==> flow/design.v <==
module ex_cmp #(
  parameter DATA_WIDTH = 128
) (
  input  logic core_clk,
  input  logic resetn,
  input  logic [DATA_WIDTH-1:0] src1,
  input  logic [DATA_WIDTH-1:0] src2,
  output logic greater,
  output logic less
);
  logic g;
  logic l;
  always_comb begin
    g = 1'b0;
    l = 1'b0;
    for (int t = DATA_WIDTH-1; t >= 0; t = t - 1) begin
      if (!g && !l) begin
        g = src1[t] & ~src2[t];
        l = ~src1[t] & src2[t];
      end
    end
  end
  logic greater_s;
  always_ff @(posedge core_clk or negedge resetn) begin
    if (~resetn) begin
      greater_s <= 1'b0;
    end else begin
      greater_s <= g;
    end
  end
  assign greater = greater_s;
  logic less_s;
  always_ff @(posedge core_clk or negedge resetn) begin
    if (~resetn) begin
      less_s <= 1'b0;
    end else begin
      less_s <= l;
    end
  end
  assign less = less_s;
endmodule
# From RTL to reports: ex_cmp
# Tool output for the design above, in the order of the flow.
# Line numbers count from 1 in the design file above.
# Cell names lack the library's common part.
# A cell with - has no value.
# design
top_module	ex_cmp
clk_port	core_clk
cell_library	sky130hd
pvt_corner	tt_025C_1v80

# Elaborated design
# Source: Yosys, flattened and elaborated, memories not mapped. Widths are those after wreduce; folded enables and synchronous resets count as part of the registers. Registers that Yosys merges into a memory's read port (data or address) are not register bits. Print and check cells do not count. Equal cells are merged and count once.
# word_totals
regBits	2
output_inout_bits	2
word_cells	1149
# classes
mux	254
bitwise	512
reduce_logical	381
# op_table
operator	n
1-bit AND	256
1-bit inverter	256
1-bit zero test	254
1-bit two-way mux	254
1-bit logical AND	127

# Logic depth
# Depth = most cells in a row (Yosys ltp): at word level without a register or memory, in the mapped netlist without a sequential cell, where the memories' decode and read muxes count.
# depth
word_depth	383
ABC_AREA	1
ltp_mapped	257
depth_no_buf	257

# Synthesis result
# The flow's flattened synthesis, as Yosys stat reports it; memories are mapped. The netlist is that of the ABC_AREA named above (0 if unset); the other value can give another one.
# Totals and module areas in this step are rounded.
# synth_totals
cell_count	1275
area_mm2	0.0052
ffs	2
# by_type
type	n
nand3_1	254
inv_1	259
nand2_1	256
nor2_1	252
inv_2	250
dfrtp_1	2
ha_1	2

# Worst setup path after synthesis
# Source: OpenSTA report_checks on the synthesized netlist (no wires, ideal clock, input and output delay 20% of the period each), path of least setup slack; recovery checks are left aside. Register names are those of the netlist, which keeps one name where synthesis merged equal registers.
# synth_timing
kind	input-to-reg
from	in src1[127]
to	reg greater_s
period_ns	3.17
input_delay_ns	0.634
setup_ns	0.117
launch_ns	0.634
t_arrival_ns	13.627
setup_slack_ns	-10.574
path_delay_ns	13.110
stages	256
path_buffers	0
period_less_setup_slack_ns	13.744
# "path_delay_ns" = arrival - input delay + setup time.
# "stages" counts driving pins, that of a launching flip-flop among them; a cell with two outputs on the path counts twice.
# "period_less_setup_slack_ns" is the clock period less the worst setup slack; recovery checks do not enter. This is arithmetic on one report: input and output delays are still those of the set period (20% each).
# The rows between start and end are the longest chain of elaborated cells between them; the timing report does not say that the signal goes this way. Where chains are equally long, one stands for them.
# Each line given opens the expression or statement behind the cell; cells for indexed reads and writes are added by Yosys, which also makes memories of some case tables.
# synth_between
cell_sequence	inv_1 -> ha_1 -> inv_1 -> nand2_1 -> nand3_1 -> nand2_1 -> inv_2 -> nand2_1 -> inv_2 -> nand2_1 -> inv_2 -> nand2_1 -> inv_2 -> nand2_1 -> inv_2 -> nand2_1 -> inv_2 -> nand2_1 -> [... 220 more ...] -> inv_2 -> nand2_1 -> inv_2 -> nand2_1 -> inv_2 -> nand2_1 -> inv_2 -> nand2_1 -> inv_2 -> nand2_1 -> inv_2 -> nand2_1 -> inv_2 -> nand2_1 -> inv_2 -> nand2_1 -> inv_1 -> nand2_1
elab_chain_len	383
cells_between	637
lines_between	3
cone_classes	mux: 253; logic: 3; reduce/logical: 381
# synth_rtl
element	line_no	rtl
start: declaration	6	input  logic [DATA_WIDTH-1:0] src1,
1-bit inverter	19	l = ~src1[t] & src2[t];
1-bit AND	19
1-bit zero test	17	if (!g && !l) begin
1-bit logical AND	17
1-bit two-way mux	17
1-bit zero test	17
1-bit logical AND	17
[... 369 more ...]	-
1-bit two-way mux	17
1-bit zero test	17
1-bit logical AND	17
1-bit two-way mux	17
1-bit zero test	17
1-bit logical AND	17
1-bit two-way mux	17
end: assignment	26	greater_s <= 1'b0;
end: assignment	28	greater_s <= g;
end: declaration	23	logic greater_s;

# Timing after layout
# Path of least setup slack in the final report of run A (OpenROAD, finished layout, wires in). Where an end is a register, its clock arrival counts in the times.
# layout_timing
kind	input-to-reg
from	in src2[127]
to	reg greater_s
period_ns	2.51
input_delay_ns	0.50
setup_ns	0.11
launch_ns	0.50
t_arrival_ns	15.20
setup_slack_ns	-12.58
stages	243
path_buffers	1
# The rows between start and end are the longest chain of elaborated cells between them; the timing report does not say that the signal goes this way. Where chains are equally long, one stands for them.
# layout_between
cell_sequence	buf_4 -> ha_4 -> inv_4 -> nand2_4 -> nand2_2 -> inv_2 -> nand2_2 -> inv_2 -> nand2_2 -> inv_2 -> nand2_2 -> inv_2 -> nand2_2 -> inv_2 -> nand2_2 -> inv_2 -> nand2_2 -> inv_2 -> [... 207 more ...] -> inv_2 -> nand2_2 -> inv_2 -> nand2_2 -> inv_2 -> nand2_2 -> inv_2 -> nand2_2 -> inv_2 -> nand3_2 -> nand3_2 -> nand2_2 -> inv_2 -> nand3_2 -> nand2_2 -> inv_2 -> nand3_1 -> nand2_1
elab_chain_len	383
cells_between	637
lines_between	3
cone_classes	mux: 253; logic: 3; reduce/logical: 381
# layout_rtl
element	line_no	rtl
start: declaration	7	input  logic [DATA_WIDTH-1:0] src2,
1-bit inverter	18	g = src1[t] & ~src2[t];
1-bit AND	18
1-bit zero test	17	if (!g && !l) begin
1-bit logical AND	17
1-bit two-way mux	17
1-bit zero test	17
1-bit logical AND	17
[... 369 more ...]	-
1-bit two-way mux	17
1-bit zero test	17
1-bit logical AND	17
1-bit two-way mux	17
1-bit zero test	17
1-bit logical AND	17
1-bit two-way mux	17
end: assignment	26	greater_s <= 1'b0;
end: assignment	28	greater_s <= g;
end: declaration	23	logic greater_s;

# Stored flow runs of ex_cmp (3 of them; Yosys, OpenROAD, sky130hd). They differ in their settings and are not a sequence. Constraints: input delay and output delay 20% of the set period each, output load 0.01 pF.
# "timing.achieved_period_ns" = clock period - worst setup slack. The figure is calculated, with input and output delays left at 20% of the set period.
# "worst_path_time_ns": the worst setup path's part of the clock period (all of it between registers, 20% less for each end at a port) less its slack. A launch clock that arrives late makes it longer, a capture clock that arrives late makes it shorter.
# "final_power_uw": no workload was simulated; the value follows from the tool's default switching activity.
# Results are given in rounded form.
# Settings: n/a = not set for that run.
# Among the results, n/a means that no value is shown for the run.
run name	period_ns	CORE_UTILIZATION	SETUP_SLACK_MARGIN	PLACE_DENSITY_LB_ADDON	TNS_END_PERCENT	ABC_AREA	CTS_CLUSTER_SIZE	CAP_MARGIN	CORE_MARGIN	SLEW_MARGIN	PLACE_DENSITY	GPL_TIMING_DRIVEN	GPL_ROUTABILITY_DRIVEN	synth_area_mm2	die_area_mm2	final_cell_area_mm2	utilization_frac	ws_setup_ns	timing.setup.tns_ns	final_power_uw	timing.achieved_period_ns	worst_path_time_ns	worst_path_kind
run A	2.51	28	0.43	0.0	40	1	82	20	2	20	n/a	n/a	n/a	0.0052	0.02	0.01	0.56	-13	-25	3100	15.095	14.59	input-to-reg
run B	3.96	64	0.85	n/a	70	n/a	n/a	25	2	15	0.42	0	0	n/a	n/a	n/a	n/a	n/a	n/a	n/a	n/a	n/a	n/a
run C	3.17	40	n/a	n/a	n/a	n/a	n/a	20	2	20	n/a	n/a	n/a	0.0033	0.009	0.0061	0.76	0.084	0.000	950	3.086	2.45	input-to-reg
# Run B: stopped before the end: placement reported GPL-0301
